==> flow/design.v <==
module alu_mult #(
    parameter int XLEN = 4
) (
    input logic CLK,
    input logic RST,
    input logic [XLEN-1:0] i_dataa,
    output logic [2*XLEN-1:0] o_m
);
    logic [XLEN-1:0] dataa_q;
    always_ff @(posedge CLK) begin
        if (RST) begin
            dataa_q <= 0;
            o_m <= 0;
        end else begin
            dataa_q <= i_dataa;
            o_m <= dataa_q * dataa_q;
        end
    end
endmodule
-- Tool chain data of alu_mult
Tool output for the design above, in the order of the flow.
Lines are those of the file above, counted from 1.
Operators: Yosys type, input widths -> output width; for muxes data width and select width s.
The mark - stands for no value.
- top module: alu_mult
- clock port: CLK
- standard-cell library: sky130hd
- timing corner: tt_025C_1v80

-- Word-level counts
Source: Yosys, flattened and elaborated, memories not mapped. Widths are those after wreduce; folded enables and synchronous resets count as part of the registers. Registers that Yosys merges into a memory's read port (data or address) are not register bits. Print and check cells do not count. Equal cells are merged and count once.
- bits in registers: 12
- input bits: 6
- output and inout bits: 8
- cells after elaboration at 3
- multiply operators at 1
- operators by type and width (operator ; number):
    $mul 4x4->8 ; 1

-- Longest topological paths
Depth = most cells in a row (Yosys ltp): at word level without a register or memory, in the mapped netlist without a sequential cell, where the memories' decode and read muxes count.
- word-level depth: 1
- noted ABC_AREA: 0
- depth in mapped cells at 7
- noted depth with buffers taken out: 7

-- Netlist
The flow's flattened synthesis, as Yosys stat reports it; memories are mapped. The netlist is that of the ABC_AREA named above (0 if unset); the other value can give another one.
- cell count at 47
- synthesis area at 471.7 sq um
- noted area of sequential cells: 220.2 sq um
- flip-flop cells: 11
- noted buffer cells: 2
- cell types (cell type ; number ; total area (sq um)):
    sky130_fd_sc_hd__dfxtp_1 ; 11 ; 220.211
    sky130_fd_sc_hd__ha_1 ; 3 ; 37.536
    sky130_fd_sc_hd__nor2b_1 ; 6 ; 37.536
    sky130_fd_sc_hd__and2_1 ; 5 ; 31.28
    sky130_fd_sc_hd__fa_1 ; 1 ; 20.019
    sky130_fd_sc_hd__a21oi_1 ; 3 ; 15.014
    sky130_fd_sc_hd__nand4_1 ; 2 ; 12.512
    sky130_fd_sc_hd__o311a_1 ; 1 ; 10.01
    sky130_fd_sc_hd__a22o_1 ; 1 ; 8.758
    sky130_fd_sc_hd__and3b_1 ; 1 ; 8.758
    sky130_fd_sc_hd__xnor2_1 ; 1 ; 8.758
    sky130_fd_sc_hd__a21boi_1 ; 1 ; 7.507
    sky130_fd_sc_hd__buf_4 ; 1 ; 7.507
    sky130_fd_sc_hd__inv_1 ; 2 ; 7.507
    sky130_fd_sc_hd__nor2_1 ; 2 ; 7.507
    sky130_fd_sc_hd__nor3b_1 ; 1 ; 7.507
    sky130_fd_sc_hd__and3_1 ; 1 ; 6.256
    sky130_fd_sc_hd__nand3_1 ; 1 ; 5.005
Not listed: further types 3, cells in them 3.

-- Timing after synthesis
Source: OpenSTA report_checks on the synthesized netlist (no wires, ideal clock, input and output delay 20% of the period each), path of least setup slack; recovery checks are left aside. Register names are those of the netlist, which keeps one name where synthesis merged equal registers.
- path type: register to register
- start: register dataa_q[2]
- end: register o_m[7]
- noted clock period: 1.8 ns
- library setup time: 0.122 ns
- noted launch time at the first pin: 0.000 ns
- data arrival time at 1.316 ns
- required time: 1.678 ns
- setup slack at 0.362 ns
- delay of the path: 1.438 ns
- driving pins on the path at 8
- noted buffers on the path: 0
- noted period reached after synthesis: 1.438 ns
"delay of the path" = arrival - input delay + setup time.
"driving pins on the path": output pins that drive a net of the path, with the launching flip-flop's if there is one; two outputs of one cell count as two.
"period reached after synthesis" = period - worst setup slack (recovery checks aside). The figure is calculated, with input and output delays left at 20% of the set period.
The rows between start and end are the longest chain of elaborated cells between them; the timing report does not say that the signal goes this way. Where chains are equally long, one stands for them.
A line is the first line of the expression or statement that the cell stems from. Yosys adds cells for indexed reads and writes and turns some case tables into memories.
- cell sequence: sky130_fd_sc_hd__dfxtp_1 sky130_fd_sc_hd__inv_1 sky130_fd_sc_hd__nor2_1 sky130_fd_sc_hd__and2_1 sky130_fd_sc_hd__ha_1 sky130_fd_sc_hd__nand4_1 sky130_fd_sc_hd__a21boi_1 sky130_fd_sc_hd__o311a_1
- length of the longest elaborated chain: 1
- noted elaborated cells on any way between the ends: 1
- RTL lines with such cells at 1
- those cells by class: mul (1)
- ends and longest elaborated chain, after synthesis (item ; RTL line ; RTL):
    start, declared ; 9 ; logic [XLEN-1:0] dataa_q;
    start, assigned ; 12 ; dataa_q <= 0;
    start, assigned ; 15 ; dataa_q <= i_dataa;
    $mul 4x4->8 ; 16 ; o_m <= dataa_q * dataa_q;
    end, assigned ; 13 ; o_m <= 0;
    end, assigned ; 16 ;
    end, declared ; 7 ; output logic [2*XLEN-1:0] o_m

-- Worst path after layout
From the final timing report of flow run A: the path of least setup slack in the routed layout; clock arrival at registers is part of the times.
- path type: register to output
- start: register o_m[6]
- end: output o_m[6]
- noted clock period: 2.68 ns
- output delay at 0.54 ns
- noted launch time at the first pin: 0.26 ns
- data arrival time at 1.10 ns
- required time: 2.14 ns
- setup slack at 1.05 ns
- driving pins on the path at 2
- noted buffers on the path: 1
- cell sequence: sky130_fd_sc_hd__dfxtp_1 sky130_fd_sc_hd__clkdlybuf4s50_1
- length of the longest elaborated chain: 0
- noted elaborated cells on any way between the ends: 0
- RTL lines with such cells at 0
- ends and longest elaborated chain, post-layout (item ; RTL line ; RTL):
    start, declared ; 7 ; output logic [2*XLEN-1:0] o_m
    start, assigned ; 13 ; o_m <= 0;
    start, assigned ; 16 ; o_m <= dataa_q * dataa_q;
    end, declared ; 7 ;

==> runs of alu_mult <==
Flow measurements of alu_mult on sky130hd: 3 stored runs with different settings, listed in no order. Input and output delays are each 20% of the period that was set; the output load is 0.01 pF.
"power" is the tool's figure for a default switching activity; nothing was simulated.

Flow run A
Settings were period_ns = 2.68; CORE_UTILIZATION = 36; PLACE_DENSITY_LB_ADDON = 0.04; TNS_END_PERCENT = 55; ABC_AREA = 0; GPL_TIMING_DRIVEN = 1; CTS_CLUSTER_SIZE = 54; SLEW_MARGIN = 15; CAP_MARGIN = 20; CORE_MARGIN = 2
- noted the synthesized cell area: 471.7 sq um
- overall die area at 1,615.6 sq um
- standard-cell area after routing: 625.6 sq um
- setup slack of the worst path at 1.048 ns
- noted the total negative slack: 0.000 ns
- worst hold slack at 0.506 ns
- noted the power: 0.0003178 W

Flow run B
Settings were period_ns = 0.931; CORE_UTILIZATION = 18; PLACE_DENSITY_LB_ADDON = 0.11; CORE_ASPECT_RATIO = 0.82; TNS_END_PERCENT = 80; ABC_AREA = 0; CTS_CLUSTER_DIAMETER = 99; SLEW_MARGIN = 20; MIN_ROUTING_LAYER = met2; MAX_ROUTING_LAYER = met4; CAP_MARGIN = 20; CORE_MARGIN = 2
- noted the synthesized cell area: 471.7 sq um
- overall die area at 3,048.0 sq um
- standard-cell area after routing: 810.8 sq um
- setup slack of the worst path at -0.516 ns
- noted the total negative slack: -2.175 ns
- worst hold slack at 0.456 ns
- noted the power: 0.0009861 W

Flow run C
Settings were period_ns = 1.8; CAP_MARGIN = 20; CORE_MARGIN = 2; CORE_UTILIZATION = 40; SLEW_MARGIN = 20
- noted the synthesized cell area: 471.7 sq um
- overall die area at 1,470.0 sq um
- standard-cell area after routing: 624.3 sq um
- setup slack of the worst path at 0.199 ns
- noted the total negative slack: 0.000 ns
- worst hold slack at 0.503 ns
- noted the power: 0.0004788 W
